==> flow/design.v <==
module alu_arith_stage #(
  parameter BITS = 5
) (
  input  wire i_clk,
  input  wire RSTN,
  input  wire [BITS-1:0] u,
  input  wire [BITS-1:0] v,
  input  wire minus,
  output reg [BITS:0] diff
);
  always @(posedge i_clk) begin
    if (!RSTN) begin
      diff <= 0;
    end else begin
      diff <= minus ? u - v : u + v;
    end
  end
endmodule
---- From RTL to reports: alu_arith_stage ----
A sweep over "BITS": the same steps for each member of the family.
The file above is the member BITS 5. Line numbers count from 1 in each member's own file.
Cell names lack the library's common part.
Not given: --
set-up
  top module .............................. alu_arith_stage
  clock input ............................. i_clk
  cell library ............................ sky130hd
  corner .................................. tt_025C_1v80

---- Source of the members ----
Lines of each other member's file that are new or changed against the file above; lines that a member lacks are not shown.
new or changed lines
  BITS  RTL line  RTL
  8     2         parameter BITS = 8
  56    2         parameter BITS = 56
  64    2         parameter BITS = 64
  72    2         parameter BITS = 72

---- Word level ----
Yosys after proc, flatten, opt, wreduce and memory -nomap, before mapping. Enables and synchronous resets that opt folds into registers are not counted as muxes. Memory bits, and registers merged into a memory's read port (data or address), are not among the register bits. Print and check cells are not counted. Equal cells are merged and count once.
bit counts
  BITS  flip-flop bits (word level)
  5     6
  8     9
  56    57
  64    65
  72    73
operators by class
  BITS  multiplexer cells  add/sub/neg operators
  5     1                  2
  8     1                  2
  56    1                  2
  64    1                  2
  72    1                  2
operator list
  BITS  kind and count
  5     adder 5 x 5 -> 6 bit: 1; subtractor 5 x 5 -> 6 bit: 1; 2-to-1 mux 6 bit: 1
  8     adder 8 x 8 -> 9 bit: 1; subtractor 8 x 8 -> 9 bit: 1; 2-to-1 mux 9 bit: 1
  56    adder 56 x 56 -> 57 bit: 1; subtractor 56 x 56 -> 57 bit: 1; 2-to-1 mux 57 bit: 1
  64    adder 64 x 64 -> 65 bit: 1; subtractor 64 x 64 -> 65 bit: 1; 2-to-1 mux 65 bit: 1
  72    adder 72 x 72 -> 73 bit: 1; subtractor 72 x 72 -> 73 bit: 1; 2-to-1 mux 73 bit: 1

---- Depth ----
Yosys ltp: most cells in a row. Word level: on the elaborated netlist, between registers, memories and ports. Mapped: between sequential cells and ports; inverters and the memories' decode and read muxes count.
depth
  BITS  word-level depth  ABC_AREA  gate-level depth with buffers  gate-level depth less buffers
  5     2                 0         9                              9
  8     2                 0         10                             10
  56    2                 0         20                             19
  64    2                 0         21                             19
  72    2                 0         22                             21

---- Netlist ----
Yosys stat after the flow's synthesis: flattened, memories mapped to cells. It holds for the ABC_AREA given above (unset counts as 0); a run with the other value may have another netlist.
cells by type
  BITS  types with counts
  5     dfxtp_1: 6; ha_1: 6; xnor2_1: 4; nor2_1: 8; fa_1: 1; mux2i_1: 2; inv_1: 5; a21oi_1: 3; o22ai_2: 1; a21o_2: 1; o31a_1: 1; xor2_1: 1; a211oi_1: 1; o21a_1: 1; and2_1: 1; nand2b_1: 1; nor2b_1: 1; or2_2: 1; [+3]
  8     dfxtp_1: 9; ha_1: 9; xnor2_1: 8; and2_1: 5; nor2b_1: 5; inv_1: 7; nor2_1: 7; a31oi_1: 4; fa_1: 1; nor3_1: 4; o2111ai_1: 2; xor2_1: 2; a21oi_1: 3; nand3b_1: 2; nor3b_1: 2; o21a_1: 2; o21ai_0: 3; mux2_2: 1; [+8]
  56    dfxtp_1: 57; ha_1: 57; xnor2_1: 77; a21oi_1: 98; nor2_1: 83; and2_1: 47; a21o_1: 37; nand2_1: 58; o21ai_0: 38; xor2_1: 20; nor3_1: 31; clkbuf_1: 28; o21bai_1: 14; inv_1: 27; nand3_1: 20; a31oi_1: 15; nor4_1: 15; nand4_1: 14; [+109]
  64    dfxtp_1: 65; ha_1: 65; xnor2_1: 80; a21oi_1: 110; nor2_1: 125; a21o_1: 43; nand2_1: 64; xor2_1: 26; o21ai_0: 39; clkbuf_1: 41; nor3_1: 27; a31oi_1: 19; nand4_1: 18; mux2i_1: 10; o31ai_1: 13; nand2b_1: 15; inv_1: 24; o21a_1: 12; [+141]
  72    dfxtp_1: 73; xnor2_1: 105; ha_1: 73; a21oi_1: 124; nor2_1: 155; a21o_1: 51; nand2_1: 68; xor2_1: 28; o21ai_0: 38; nand4_1: 28; clkbuf_1: 43; inv_1: 40; nor3_1: 30; a31oi_1: 22; o21bai_1: 13; nand3_1: 19; nand2b_1: 13; nor4_1: 12; [+154]
The mark [+n] counts cells that are not listed.
mapped netlist
  BITS  flip-flop cells  standard cells after synthesis  chip area (Yosys) (um^2)  sequential area (um^2)  buffer cells
  5     6                48                              426.7                     120.1                   0
  8     9                84                              716.9                     180.2                   1
  56    57               845                             6,226.0                   1,141.1                 32
  64    65               937                             6,871.6                   1,301.2                 46
  72    73               1,089                           8,003.9                   1,461.4                 52

---- Timing after synthesis ----
Source: OpenSTA report_checks on the synthesized netlist (no wires, ideal clock, input and output delay 20% of the period each), path of least setup slack; recovery checks are left aside. Register names are those of the netlist, which keeps one name where synthesis merged equal registers.
path post-synthesis
  BITS  path type  start             end                clock period (ns)  driving pins on the path  delay of the path (ns)  slack (ns)  synthesis period reached (ns)
  5     in2reg     input port v[0]   register diff[5]   2.37               8                         1.514                   0.383       1.987
  8     in2reg     input port v[0]   register diff[7]   2.91               10                        1.860                   0.468       2.442
  56    in2reg     input port v[14]  register diff[53]  6.33               18                        4.053                   1.011       5.319
  64    in2reg     input port v[12]  register diff[61]  6.79               18                        4.343                   1.089       5.701
  72    in2reg     input port v[40]  register diff[70]  6.81               20                        4.356                   1.092       5.718
"delay of the path" = arrival - input delay + setup time.
"driving pins on the path" counts driving pins, that of a launching flip-flop among them; a cell with two outputs on the path counts twice.
"synthesis period reached" = period - worst setup slack (recovery checks aside). The figure is calculated, with input and output delays left at 20% of the set period.
The rows between start and end are the longest chain of elaborated cells between them; the timing report does not say that the signal goes this way. Where chains are equally long, one stands for them.
Each line given opens the expression or statement behind the cell; cells for indexed reads and writes are added by Yosys, which also makes memories of some case tables.
between the ends, post-synthesis, BITS 5
  length of the longest elaborated chain .. 2
ends and longest elaborated chain, post-synthesis, BITS 5
  item                  RTL line  RTL
  start: declaration    7         input  wire [BITS-1:0] v,
  adder 5 x 5 -> 6 bit  15        diff <= minus ? u - v : u + v;
  2-to-1 mux 6 bit      15
  end: assignment       13        diff <= 0;
  end: assignment       15
  end: declaration      9         output reg [BITS:0] diff
between the ends, post-synthesis, BITS 72
  length of the longest elaborated chain .. 2
ends and longest elaborated chain, post-synthesis, BITS 72
  item                     RTL line  RTL
  start: declaration       7         input  wire [BITS-1:0] v,
  adder 72 x 72 -> 73 bit  15        diff <= minus ? u - v : u + v;
  2-to-1 mux 73 bit        15
  end: assignment          13        diff <= 0;
  end: assignment          15
  end: declaration         9         output reg [BITS:0] diff

---- Timing after layout ----
Path of least setup slack in the final report of each member's run (OpenROAD, finished layout, wires in). Where an end is a register, its clock arrival counts in the times.
path after layout
  BITS  path type  start             end                data arrival time (ns)  clock period (ns)  driving pins on the path  buffers on the path  slack (ns)
  5     in2reg     input port v[0]   register diff[5]   2.40                    2.37               9                         1                    0.10
  8     in2reg     input port v[0]   register diff[7]   2.96                    2.91               11                        1                    0.14
  56    in2reg     input port v[2]   register diff[54]  6.10                    6.33               17                        2                    0.50
  64    in2reg     input port v[12]  register diff[64]  6.48                    6.79               16                        1                    0.55
  72    in2reg     input port v[40]  register diff[72]  6.73                    6.81               20                        2                    0.33

---- Measured runs ----
Settings and results of one run of the flow (Yosys, OpenROAD) for each member follow. The constraints put input and output delay at 20% of the set period each and load the outputs with 0.01 pF.
settings
  CAP_MARGIN .............................. 20
  CORE_MARGIN ............................. 2
  CORE_UTILIZATION ........................ 40
  SLEW_MARGIN ............................. 20
settings by member
  BITS  period_ns
  5     2.37
  8     2.91
  56    6.33
  64    6.79
  72    6.81
measured results
  BITS  overall die area (um^2)  total power after layout (mW)  clock period achieved (ns)  final setup TNS (ns)  worst hold slack (ns)  chip area after synthesis (Yosys) (um^2)  post-route utilization (%)  worst slack on setup checks (ns)  standard-cell area of the final layout (um^2)
  5     1,344.0                  0.3530                         2.270                       0.000                 0.921                  426.7                                     76.2                        0.100                             734.5
  8     2,146.9                  0.4768                         2.774                       0.000                 1.009                  716.9                                     68.1                        0.136                             1,163.6
  56    16,579.1                 1.913                          5.829                       0.000                 1.588                  6,226.0                                   55.6                        0.501                             8,456.9
  64    18,243.9                 1.952                          6.237                       0.000                 1.685                  6,871.6                                   55.7                        0.553                             9,307.7
  72    21,157.2                 2.218                          6.479                       0.000                 1.670                  8,003.9                                   55.6                        0.331                             10,862.9
"clock period achieved" is the run's clock period less its worst setup slack. It is reckoned from that one timing run; input and output delays stay at 20% of the period that was set.
By "total power after layout" is meant OpenSTA's value without simulated activity: inputs other than the clock are taken to toggle once in ten clock periods, and the tool carries that through the logic.
